==> flow/design.v <==
module la4 (
    input wire [3:0] a,
    input wire [3:0] b,
    input wire ci,
    output wire [3:0] s,
    output wire co
);
    wire [3:0] g = a & b;
    wire [3:0] p = a ^ b;
    wire c1 = g[0] | (p[0] & ci);
    wire c2 = g[1] | (p[1] & g[0]) | (p[1] & p[0] & ci);
    wire c3 = g[2] | (p[2] & g[1]) | (p[2] & p[1] & g[0]) | (p[2] & p[1] & p[0] & ci);
    assign co = g[3] | (p[3] & g[2]) | (p[3] & p[2] & g[1]) | (p[3] & p[2] & p[1] & g[0]) | (&p & ci);
    assign s = p ^ {c3, c2, c1, ci};
endmodule
module gen_add_blk #(
    parameter integer W = 36
) (
    input wire ck,
    input wire [W-1:0] dataa_in,
    input wire [W-1:0] datab_in,
    input wire cy_in_in,
    output reg [W-1:0] o_out,
    output reg carry_out_out
);
    reg [W-1:0] dataa_r;
    reg [W-1:0] datab_r;
    reg cy_in_r;
    always @(posedge ck) begin
        dataa_r <= dataa_in;
        datab_r <= datab_in;
        cy_in_r <= cy_in_in;
    end
    localparam SLICES = W / 4;
    wire [W-1:0] tmp;
    wire [SLICES:0] cy;
    assign cy[0] = cy_in_r;
    genvar i;
    generate
        for (i = 0; i < SLICES; i = i + 1) begin : row
            la4 inst (.a(dataa_r[4*i +: 4]), .b(datab_r[4*i +: 4]), .ci(cy[i]), .s(tmp[4*i +: 4]), .co(cy[i+1]));
        end
    endgenerate
    always @(posedge ck) begin
        o_out <= tmp;
        carry_out_out <= cy[SLICES];
    end
endmodule
* Tool chain data of gen_add_blk
Tool output for the design above, in the order of the flow.
Line numbers count from 1 in the design file above.
Operators carry their Yosys type and port widths (W data, S select, Z words).
The mark n/a stands for no value.
- Design top :: gen_add_blk
- Clock input :: ck
- Standard-cell library :: sky130hd
- Corner :: tt_025C_1v80

* After elaboration
Yosys after proc, flatten, opt, wreduce and memory -nomap, before mapping. Enables and synchronous resets that opt folds into registers are not counted as muxes. Memory bits, and registers merged into a memory's read port (data or address), are not among the register bits. Print and check cells are not counted. Equal cells are merged and count once.
- Bitwise operators :: 252
- Reductions and logical operators :: 9
** Operator list (count)
- $and A1 B1 Y1 :: 135
- $or A1 B1 Y1 :: 90
- $xor A4 B4 Y4 :: 18
- $and A4 B4 Y4 :: 9
- $reduce_and A4 Y1 :: 9
- Register bits :: 110
- Output and inout port bits :: 37
- Elaborated cells :: 266

* Logic depth
Depth = most cells in a row (Yosys ltp): at word level without a register or memory, in the mapped netlist without a sequential cell, where the memories' decode and read muxes count.
- Depth in word-level cells :: 23
- ABC_AREA :: 0
- Depth in mapped cells :: 10
- Depth with buffers taken out :: 10

* Synthesis result
The flow's flattened synthesis, as Yosys stat reports it; memories are mapped. The netlist is that of the ABC_AREA named above (0 if unset); the other value can give another one.
** Cells by type
- sky130_fd_sc_hd__dfxtp_1 :: count 110, total area 2.2E+03 um^2
- sky130_fd_sc_hd__ha_1 :: count 36, total area 450.432 um^2
- sky130_fd_sc_hd__fa_1 :: count 9, total area 180.173 um^2
- sky130_fd_sc_hd__xor2_1 :: count 16, total area 140.134 um^2
- sky130_fd_sc_hd__a21oi_1 :: count 20, total area 100.096 um^2
- sky130_fd_sc_hd__xnor2_1 :: count 10, total area 87.584 um^2
- sky130_fd_sc_hd__a21o_1 :: count 11, total area 82.579 um^2
- sky130_fd_sc_hd__inv_1 :: count 13, total area 48.797 um^2
- sky130_fd_sc_hd__nand2_1 :: count 11, total area 41.29 um^2
- sky130_fd_sc_hd__o21ai_0 :: count 8, total area 40.038 um^2
- sky130_fd_sc_hd__nand4_1 :: count 5, total area 31.28 um^2
- sky130_fd_sc_hd__nor2_1 :: count 7, total area 26.275 um^2
- sky130_fd_sc_hd__a31oi_4 :: count 1, total area 21.27 um^2
- sky130_fd_sc_hd__nand3b_4 :: count 1, total area 20.019 um^2
- sky130_fd_sc_hd__a21oi_2 :: count 2, total area 17.517 um^2
- sky130_fd_sc_hd__a31o_4 :: count 1, total area 17.517 um^2
- sky130_fd_sc_hd__a221oi_2 :: count 1, total area 15.014 um^2
- sky130_fd_sc_hd__nand3b_1 :: count 2, total area 15.014 um^2
Other cell types: 23; their cells: 27.
- Cell count :: 291
- Cell area after synthesis :: 0.0037486 mm^2
- Sequential part of the area :: 0.0022021 mm^2
- Flip-flops :: 110
- Buffers :: 0
The figures by module come from a second, unflattened synthesis with its own total; it is not the netlist above.
- Cells (unflattened synthesis) :: 263
- Area total of the unflattened synthesis :: 0.0035309 mm^2
Each row is one instance without its submodules.
** Modules
- gen_add_blk :: times used 1, cells 110, area 0.0022021 mm^2, seq. area 0.0022021 mm^2
- la4 :: times used 9, cells 17, area 0.0001476 mm^2, seq. area 0 mm^2

* Worst setup path after synthesis
Source: OpenSTA report_checks on the synthesized netlist (no wires, ideal clock, input and output delay 20% of the period each), path of least setup slack; recovery checks are left aside. Register names are those of the netlist, which keeps one name where synthesis merged equal registers.
- Path kind :: reg2reg
- Start point :: register dataa_r[2]
- End point :: register o_out[33]
- Period :: 3.24 ns
- Setup time :: 0.120 ns
- Launch time at the first pin :: 0.000 ns
- Arrival time :: 2.473 ns
- Data required time :: 3.120 ns
- Setup slack :: 0.646 ns
- Path delay :: 2.593 ns
- Stages on the path :: 11
- Path buffers :: 0
- Period reached after synthesis :: 2.594 ns
"path delay" = arrival - input delay + setup time.
"stages on the path" counts driving pins, that of a launching flip-flop among them; a cell with two outputs on the path counts twice.
"period reached after synthesis" = period - worst setup slack (recovery checks aside). The figure is calculated, with input and output delays left at 20% of the set period.
The rows between start and end are the longest chain of elaborated cells between them; the timing report does not say that the signal goes this way. Where chains are equally long, one stands for them.
A line is the first line of the expression or statement that the cell stems from. Yosys adds cells for indexed reads and writes and turns some case tables into memories.
- Cells stage by stage :: sky130_fd_sc_hd__dfxtp_1 sky130_fd_sc_hd__ha_1 sky130_fd_sc_hd__and2_4 sky130_fd_sc_hd__a221oi_2 sky130_fd_sc_hd__a2111o_1 sky130_fd_sc_hd__a31oi_4 sky130_fd_sc_hd__and4_1 sky130_fd_sc_hd__a21oi_1 sky130_fd_sc_hd__or2b_1 sky130_fd_sc_hd__fa_1 sky130_fd_sc_hd__xor2_1
- Cells in the longest elaborated chain :: 23
** Ends and longest elaborated chain, after synthesis
- start: declaration :: RTL line 26 : reg [W-1:0] dataa_r;
- start: assignment :: RTL line 30 : dataa_r <= dataa_in;
- $and A4 B4 Y4 :: RTL line 8 : wire [3:0] g = a & b;
- $and A1 B1 Y1 :: RTL line 13 : assign co = g[3] | (p[3] & g[2]) | (p[3] & p[2] & g[1]) | (p[3] & p[2] & p[1] & g[0]) | (&p & ci);
- $or A1 B1 Y1 x4 :: RTL line 13
- $and A1 B1 Y1 :: RTL line 13
- $or A1 B1 Y1 :: RTL line 13
- $and A1 B1 Y1 :: RTL line 13
- $or A1 B1 Y1 :: RTL line 13
- (+6 left out)
- $and A1 B1 Y1 :: RTL line 13
- $or A1 B1 Y1 :: RTL line 13
- $and A1 B1 Y1 :: RTL line 13
- $or A1 B1 Y1 :: RTL line 13
- $and A1 B1 Y1 :: RTL line 10 : wire c1 = g[0] | (p[0] & ci);
- $or A1 B1 Y1 :: RTL line 10
- $xor A4 B4 Y4 :: RTL line 14 : assign s = p ^ {c3, c2, c1, ci};
- end: assignment :: RTL line 45 : o_out <= tmp;
- end: declaration :: RTL line 23 : output reg [W-1:0] o_out,

* Timing after layout
From the final timing report of record 2: the path of least setup slack in the routed layout; clock arrival at registers is part of the times.
- Path kind :: reg2reg
- Start point :: register dataa_r[2]
- End point :: register o_out[33]
- Period :: 3.24 ns
- Setup time :: 0.10 ns
- Launch time at the first pin :: 0.36 ns
- Arrival time :: 3.08 ns
- Data required time :: 3.50 ns
- Setup slack :: 0.42 ns
- Stages on the path :: 11
- Path buffers :: 0
The rows between start and end are the longest chain of elaborated cells between them; the timing report does not say that the signal goes this way. Where chains are equally long, one stands for them.
- Cells stage by stage :: sky130_fd_sc_hd__dfxtp_1 sky130_fd_sc_hd__ha_1 sky130_fd_sc_hd__and2_4 sky130_fd_sc_hd__a221oi_2 sky130_fd_sc_hd__a2111o_1 sky130_fd_sc_hd__a31oi_4 sky130_fd_sc_hd__and4_1 sky130_fd_sc_hd__a21oi_1 sky130_fd_sc_hd__or2b_1 sky130_fd_sc_hd__fa_1 sky130_fd_sc_hd__xor2_1
- Cells in the longest elaborated chain :: 23
** Ends and longest elaborated chain, after layout
- start: declaration :: RTL line 26 : reg [W-1:0] dataa_r;
- start: assignment :: RTL line 30 : dataa_r <= dataa_in;
- $and A4 B4 Y4 :: RTL line 8 : wire [3:0] g = a & b;
- $and A1 B1 Y1 :: RTL line 13 : assign co = g[3] | (p[3] & g[2]) | (p[3] & p[2] & g[1]) | (p[3] & p[2] & p[1] & g[0]) | (&p & ci);
- $or A1 B1 Y1 x4 :: RTL line 13
- $and A1 B1 Y1 :: RTL line 13
- $or A1 B1 Y1 :: RTL line 13
- $and A1 B1 Y1 :: RTL line 13
- $or A1 B1 Y1 :: RTL line 13
- (+6 left out)
- $and A1 B1 Y1 :: RTL line 13
- $or A1 B1 Y1 :: RTL line 13
- $and A1 B1 Y1 :: RTL line 13
- $or A1 B1 Y1 :: RTL line 13
- $and A1 B1 Y1 :: RTL line 10 : wire c1 = g[0] | (p[0] & ci);
- $or A1 B1 Y1 :: RTL line 10
- $xor A4 B4 Y4 :: RTL line 14 : assign s = p ^ {c3, c2, c1, ci};
- end: assignment :: RTL line 45 : o_out <= tmp;
- end: declaration :: RTL line 23 : output reg [W-1:0] o_out,

Wiki page: gen_add_blk / flow data

Measured results for gen_add_blk: 3 stored runs of the Yosys and OpenROAD flow on sky130hd. The settings differ; the order carries no meaning. The constraints put input and output delay at 20% of the set period each and load the outputs with 0.01 pF.
"time of the worst setup path": the worst setup path's part of the clock period (all of it between registers, 20% less for each end at a port) less its slack. A launch clock that arrives late makes it longer, a capture clock that arrives late makes it shorter.
"total power of the final layout" rests on the timing tool's default activity at the inputs, not on a simulated workload.

* Record 1
** Files
==> flow/run.sh <==
#!/bin/bash
# the make line also repeats the synthesis and layout settings of config.mk as NAME=value (left out here)
make -C /OpenROAD-flow-scripts/flow DESIGN_CONFIG=/design/flow/config.mk WORK_HOME=/design/flow/orfs CLKGATE_MAP_FILE= finish
==> flow/config.mk <==
export PLATFORM = sky130hd
export DESIGN_NAME = gen_add_blk
export DESIGN_NICKNAME = gen_add_blk
export VERILOG_FILES = /design/flow/design.v
export SDC_FILE = /design/flow/constraint.sdc
export NUM_CORES = 4
export LEC_CHECK = 0
export CAP_MARGIN = 5
export CELL_PAD_IN_SITES_DETAIL_PLACEMENT = 1
export CORE_MARGIN = 10
export CORE_UTILIZATION = 63
export GPL_TIMING_DRIVEN = 1
export PLACE_DENSITY_LB_ADDON = 0.23
export SLEW_MARGIN = 20
export TNS_END_PERCENT = 25
==> flow/constraint.sdc <==
create_clock -name core_clock -period 1.95 [get_ports {ck}]
set_input_delay 0.3900 -clock core_clock [delete_from_list [all_inputs] [get_ports {ck}]]
set_output_delay 0.3900 -clock core_clock [all_outputs]
set_load 0.01 [all_outputs]
** Results
Incomplete, placement halted on DPL-0033.

* Record 2
** Files
==> flow/run.sh <==
#!/bin/bash
# the make line also repeats the synthesis and layout settings of config.mk as NAME=value (left out here)
make -C /OpenROAD-flow-scripts/flow DESIGN_CONFIG=/design/flow/config.mk WORK_HOME=/design/flow/orfs CLKGATE_MAP_FILE= finish
==> flow/config.mk <==
export PLATFORM = sky130hd
export DESIGN_NAME = gen_add_blk
export DESIGN_NICKNAME = gen_add_blk
export VERILOG_FILES = /design/flow/design.v
export SDC_FILE = /design/flow/constraint.sdc
export NUM_CORES = 4
export LEC_CHECK = 0
export CAP_MARGIN = 20
export CORE_MARGIN = 2
export CORE_UTILIZATION = 40
export SLEW_MARGIN = 20
==> flow/constraint.sdc <==
create_clock -name core_clock -period 3.24 [get_ports {ck}]
set_input_delay 0.6480 -clock core_clock [delete_from_list [all_inputs] [get_ports {ck}]]
set_output_delay 0.6480 -clock core_clock [all_outputs]
set_load 0.01 [all_outputs]
** Results
- Synthesized cell area :: 0.0037486 mm^2
- Area inside the die boundary :: 0.0101616 mm^2
- Final design utilization :: 0.567
- Worst setup slack after layout :: 0.420 ns
- Post-route setup TNS :: 0.000 ns
- Smallest hold slack :: 0.549 ns
- Total power of the final layout :: 0.002992 W
- Time of the worst setup path :: 2.82 ns
- Kind of the worst setup path :: reg2reg

* Record 3
** Files
==> flow/run.sh <==
#!/bin/bash
# the make line also repeats the synthesis and layout settings of config.mk as NAME=value (left out here)
make -C /OpenROAD-flow-scripts/flow DESIGN_CONFIG=/design/flow/config.mk WORK_HOME=/design/flow/orfs CLKGATE_MAP_FILE= finish
==> flow/config.mk <==
export PLATFORM = sky130hd
export DESIGN_NAME = gen_add_blk
export DESIGN_NICKNAME = gen_add_blk
export VERILOG_FILES = /design/flow/design.v
export SDC_FILE = /design/flow/constraint.sdc
export NUM_CORES = 4
export LEC_CHECK = 0
export CAP_MARGIN = 40
export CELL_PAD_IN_SITES_DETAIL_PLACEMENT = 2
export CORE_ASPECT_RATIO = 0.88
export CORE_MARGIN = 2
export CORE_UTILIZATION = 41
export GPL_TIMING_DRIVEN = 0
export PLACE_DENSITY_LB_ADDON = 0.26
export SETUP_SLACK_MARGIN = 1.22
export SLEW_MARGIN = 20
==> flow/constraint.sdc <==
create_clock -name core_clock -period 4.11 [get_ports {ck}]
set_input_delay 0.8220 -clock core_clock [delete_from_list [all_inputs] [get_ports {ck}]]
set_output_delay 0.8220 -clock core_clock [all_outputs]
set_load 0.01 [all_outputs]
** Results
Incomplete, routing halted on DPL-0033.
